==> flow/design.v <==
module mul_core_n #(
    parameter NBITS = 6
) (
    input  wire clk_i,
    input  wire resetn,
    input  wire [NBITS-1:0] x,
    input  wire [NBITS-1:0] y,
    output wire [2*NBITS-1:0] m
);
    reg [NBITS-1:0] x_r;
    always @(posedge clk_i or negedge resetn) begin
        if (~resetn) begin
            x_r <= 0;
        end else begin
            x_r <= x;
        end
    end
    reg [NBITS-1:0] y_r;
    always @(posedge clk_i or negedge resetn) begin
        if (~resetn) begin
            y_r <= 0;
        end else begin
            y_r <= y;
        end
    end
    reg [2*NBITS-1:0] val;
    integer n;
    always @* begin
        val = 0;
        for (n = 0; n < NBITS; n = n + 1)
            if (y_r[n]) val = val + (x_r << n);
    end
    assign m = val;
endmodule
---- Tool chain data of mul_core_n ----
The steps from the RTL of mul_core_n to its reports follow in flow order.
Lines are those of the file above, counted from 1.
Cell names lack the library's common part.
The mark -- stands for no value.
set-up
  design top .............................. mul_core_n
  clock port .............................. clk_i
  library ................................. sky130hd
  corner .................................. tt_025C_1v80

---- Word-level counts ----
Source: Yosys, flattened and elaborated, memories not mapped. Widths are those after wreduce; folded enables and synchronous resets count as part of the registers. Registers that Yosys merges into a memory's read port (data or address) are not register bits. Print and check cells do not count. Equal cells are merged and count once.
cells by class
  div/mod/pow operators ................... 0
  equal/unequal tests ..................... 0
  order comparisons ....................... 0
  mux-type cells .......................... 6
  add/sub/neg operators ................... 5
  reductions and logical operators ........ 0
  shifts and indexed selects .............. 0
  $mul .................................... 0
  bitwise logic cells ..................... 0
operators by type and width
  operator                 number
  2-to-1 mux 12 bit        5
  adder 12 x 10 -> 12 bit  1
  adder 12 x 11 -> 12 bit  1
  adder 12 x 7 -> 12 bit   1
  adder 12 x 8 -> 12 bit   1
  adder 12 x 9 -> 12 bit   1
  2-to-1 mux 6 bit         1
storage and ports
  memories ................................ 0
  clocked read ports x word width ......... 0
  register bits after elaboration ......... 12
  bits in latches ......................... 0
  ROM bits ................................ 0
  memory bits (writable) .................. 0
  input bits .............................. 14

---- Longest topological paths ----
Yosys ltp: most cells in a row. Word level: on the elaborated netlist, between registers, memories and ports. Mapped: between sequential cells and ports; inverters and the memories' decode and read muxes count.
depth
  depth in word-level cells ............... 11
  ABC_AREA ................................ 0
  gate-level depth with buffers ........... 32
  mapped depth without buffers ............ 31

---- After synthesis ----
The flow's flattened synthesis, as Yosys stat reports it; memories are mapped. The netlist is that of the ABC_AREA named above (0 if unset); the other value can give another one.
Totals and module areas in this step are rounded.
mapped netlist
  chip area (Yosys) ....................... 1922 um2
  mapped cells ............................ 225
  flip-flop cells ......................... 12
  buffer cells ............................ 7
  sequential area ......................... 300.3 um2
cells by type
  cell type  number
  ha_1       28
  dfrtp_1    12
  mux2_2     10
  fa_1       5
  o21a_1     11
  a21oi_1    15
  nand2_1    16
  nor2_1     15
  inv_1      14
  xnor2_1    6
  xor2_1     6
  mux2i_1    5
  o21ai_0    8
  a21o_1     5
  nor2b_1    6
  nor3_1     6
  nand3_1    5
  nor3b_1    3
Other cell types: 38; their cells: 49.

---- Timing after synthesis ----
Path of least setup slack by OpenSTA after synthesis, without wires, with an ideal clock, recovery checks aside; 20% of the period is set as input and as output delay. Where synthesis merged equal registers, the netlist keeps one of their names.
timing path after synthesis
  path type ............................... reg-to-output
  from .................................... register x_r[1]
  to ...................................... output port m[10]
  path buffers ............................ 0
  output delay ............................ 1.836 ns
  delay of the path ....................... 5.877 ns
  data arrival time ....................... 5.877 ns
  time at the first pin ................... 0.000 ns
  setup slack ............................. 1.467 ns
  stages .................................. 29
  period .................................. 9.18 ns
  period reached after synthesis .......... 7.713 ns
"delay of the path" is the arrival time less input delay plus setup time.
A path that ends at an output port has no setup time.
"stages" counts driving pins, that of a launching flip-flop among them; a cell with two outputs on the path counts twice.
"period reached after synthesis" is the clock period less the worst setup slack; recovery checks do not enter. This is arithmetic on one report: input and output delays are still those of the set period (20% each).
The rows between start and end are the longest chain of elaborated cells between them; the timing report does not say that the signal goes this way. Where chains are equally long, one stands for them.
A line is the first line of the expression or statement that the cell stems from. Yosys adds cells for indexed reads and writes and turns some case tables into memories.
on the way, after synthesis
  path through ............................ dfrtp_1 > and2_2 > ha_1 > fa_1 > xor2_1 > nand2_1 > xor2_1 > inv_1 > fa_1 > xor2_1 > mux2_2 > inv_1 > ha_1 > a21o_1 > a21oi_1 > xnor2_1 > mux2_2 > ha_1 > nor2b_1 > nor3_1 > a211oi_1 > a31oi_1 > ha_1 > a21o_1 > a21oi_1 > o21bai_1 > a21oi_1 > xnor2_1 > mux2_2
  length of the longest elaborated chain .. 11
  elaborated cells between the ends (all ways) .. 11
  classes of those cells .................. add/sub: 5; mux: 6
ends and longest elaborated chain, after synthesis
  element                  line  RTL
  start: declaration       10    reg [NBITS-1:0] x_r;
  start: assignment        13    x_r <= 0;
  start: assignment        15    x_r <= x;
  2-to-1 mux 6 bit         31    if (y_r[n]) val = val + (x_r << n);
  adder 12 x 7 -> 12 bit   31
  2-to-1 mux 12 bit        31
  adder 12 x 8 -> 12 bit   31
  2-to-1 mux 12 bit        31
  adder 12 x 9 -> 12 bit   31
  2-to-1 mux 12 bit        31
  adder 12 x 10 -> 12 bit  31
  2-to-1 mux 12 bit        31
  adder 12 x 11 -> 12 bit  31
  2-to-1 mux 12 bit        31
  end: declaration         8     output wire [2*NBITS-1:0] m

---- Worst path after layout ----
From the final timing report of job 2: the path of least setup slack in the routed layout; clock arrival at registers is part of the times.
timing path post-layout
  path type ............................... reg-to-output
  from .................................... register y_r[0]
  to ...................................... output port m[11]
  stages .................................. 32
  data arrival time ....................... 6.79 ns
  output delay ............................ 1.84 ns
  time at the first pin ................... 0.23 ns
  path buffers ............................ 1
  setup slack ............................. 0.56 ns
  period .................................. 9.18 ns
The rows between start and end are the longest chain of elaborated cells between them; the timing report does not say that the signal goes this way. Where chains are equally long, one stands for them.
on the way, post-layout
  path through ............................ dfrtp_1 > and2_2 > ha_1 > fa_1 > xor2_1 > nand2_1 > xor2_1 > inv_1 > fa_1 > nor2b_1 > o21ai_0 > a21boi_1 > o32a_1 > nand2_1 > ha_1 > o21a_1 > o21a_1 > o21ai_0 > o21a_1 > ha_1 > o21a_1 > nor2_1 > xnor2_1 > a2bb2oi_1 > ha_1 > inv_1 > nor2_1 > nor2_1 > nor2b_1 > o21a_1 > o21a_1 > clkdlybuf4s50_1
  length of the longest elaborated chain .. 11
  elaborated cells between the ends (all ways) .. 11
  classes of those cells .................. add/sub: 5; mux: 6
ends and longest elaborated chain, post-layout
  element                  line  RTL
  start: declaration       18    reg [NBITS-1:0] y_r;
  start: assignment        21    y_r <= 0;
  start: assignment        23    y_r <= y;
  2-to-1 mux 6 bit         31    if (y_r[n]) val = val + (x_r << n);
  adder 12 x 7 -> 12 bit   31
  2-to-1 mux 12 bit        31
  adder 12 x 8 -> 12 bit   31
  2-to-1 mux 12 bit        31
  adder 12 x 9 -> 12 bit   31
  2-to-1 mux 12 bit        31
  adder 12 x 10 -> 12 bit  31
  2-to-1 mux 12 bit        31
  adder 12 x 11 -> 12 bit  31
  2-to-1 mux 12 bit        31
  end: declaration         8     output wire [2*NBITS-1:0] m

Ticket comment

Below are 3 stored runs of the flow (Yosys, OpenROAD; platform sky130hd) on mul_core_n, each with its settings and what was measured, unordered. Constraints: input delay and output delay 20% of the set period each, output load 0.01 pF.
"critical path time": the worst setup path's part of the clock period (all of it between registers, 20% less for each end at a port) less its slack. A launch clock that arrives late makes it longer, a capture clock that arrives late makes it shorter.
"total power after layout" is the tool's figure for a default switching activity; nothing was simulated.
The results are shown rounded.

======== job 1 ========
==> flow/run.sh <==
#!/bin/bash
# the make line also repeats the synthesis and layout settings of config.mk as NAME=value (left out here)
make -C /OpenROAD-flow-scripts/flow DESIGN_CONFIG=/design/flow/config.mk WORK_HOME=/design/flow/orfs CLKGATE_MAP_FILE= finish
==> flow/config.mk <==
export PLATFORM = sky130hd
export DESIGN_NAME = mul_core_n
export DESIGN_NICKNAME = mul_core_n
export VERILOG_FILES = /design/flow/design.v
export SDC_FILE = /design/flow/constraint.sdc
export NUM_CORES = 4
export LEC_CHECK = 0
export ABC_AREA = 1
export CAP_MARGIN = 20
export CELL_PAD_IN_SITES_DETAIL_PLACEMENT = 2
export CORE_MARGIN = 2
export CORE_UTILIZATION = 48
export CTS_CLUSTER_DIAMETER = 257
export GPL_ROUTABILITY_DRIVEN = 0
export GPL_TIMING_DRIVEN = 0
export MIN_ROUTING_LAYER = met1
export PLACE_DENSITY_LB_ADDON = 0.05
export SLEW_MARGIN = 35
==> flow/constraint.sdc <==
create_clock -name core_clock -period 6.32 [get_ports {clk_i}]
set_input_delay 1.2640 -clock core_clock [delete_from_list [all_inputs] [get_ports {clk_i}]]
set_output_delay 1.2640 -clock core_clock [all_outputs]
set_load 0.01 [all_outputs]

-------- job 1 --------
  incomplete, placement halted on DPL-0033

======== job 2 ========
==> flow/run.sh <==
#!/bin/bash
# the make line also repeats the synthesis and layout settings of config.mk as NAME=value (left out here)
make -C /OpenROAD-flow-scripts/flow DESIGN_CONFIG=/design/flow/config.mk WORK_HOME=/design/flow/orfs CLKGATE_MAP_FILE= finish
==> flow/config.mk <==
export PLATFORM = sky130hd
export DESIGN_NAME = mul_core_n
export DESIGN_NICKNAME = mul_core_n
export VERILOG_FILES = /design/flow/design.v
export SDC_FILE = /design/flow/constraint.sdc
export NUM_CORES = 4
export LEC_CHECK = 0
export CAP_MARGIN = 20
export CORE_MARGIN = 2
export CORE_UTILIZATION = 40
export SLEW_MARGIN = 20
==> flow/constraint.sdc <==
create_clock -name core_clock -period 9.18 [get_ports {clk_i}]
set_input_delay 1.8360 -clock core_clock [delete_from_list [all_inputs] [get_ports {clk_i}]]
set_output_delay 1.8360 -clock core_clock [all_outputs]
set_load 0.01 [all_outputs]

-------- measured, job 2 --------
  critical path time ...................... 6.79 ns
  critical path kind ...................... reg-to-output
  area of the standard cells in the finished layout .. 2263 um2
  chip area after synthesis (Yosys) ....... 1922 um2
  total power after layout ................ 345.4 µW
  overall die area ........................ 5375 um2
  setup slack of the worst path ........... 0.555 ns

======== job 3 ========
==> flow/run.sh <==
#!/bin/bash
# the make line also repeats the synthesis and layout settings of config.mk as NAME=value (left out here)
make -C /OpenROAD-flow-scripts/flow DESIGN_CONFIG=/design/flow/config.mk WORK_HOME=/design/flow/orfs CLKGATE_MAP_FILE= finish
==> flow/config.mk <==
export PLATFORM = sky130hd
export DESIGN_NAME = mul_core_n
export DESIGN_NICKNAME = mul_core_n
export VERILOG_FILES = /design/flow/design.v
export SDC_FILE = /design/flow/constraint.sdc
export NUM_CORES = 4
export LEC_CHECK = 0
export ABC_AREA = 0
export CAP_MARGIN = 20
export CORE_ASPECT_RATIO = 0.73
export CORE_MARGIN = 2
export CORE_UTILIZATION = 40
export GPL_ROUTABILITY_DRIVEN = 0
export MIN_ROUTING_LAYER = met1
export PLACE_DENSITY = 0.84
export SETUP_SLACK_MARGIN = 1.57
export SLEW_MARGIN = 20
export TNS_END_PERCENT = 70
==> flow/constraint.sdc <==
create_clock -name core_clock -period 8.01 [get_ports {clk_i}]
set_input_delay 1.6020 -clock core_clock [delete_from_list [all_inputs] [get_ports {clk_i}]]
set_output_delay 1.6020 -clock core_clock [all_outputs]
set_load 0.01 [all_outputs]

-------- measured, job 3 --------
  overall die area ........................ 5382 um2
  chip area after synthesis (Yosys) ....... 1922 um2
  setup slack of the worst path ........... 0.300 ns
  total power after layout ................ 594 µW
  critical path time ...................... 6.11 ns
  critical path kind ...................... reg-to-output
  area of the standard cells in the finished layout .. 3024 um2
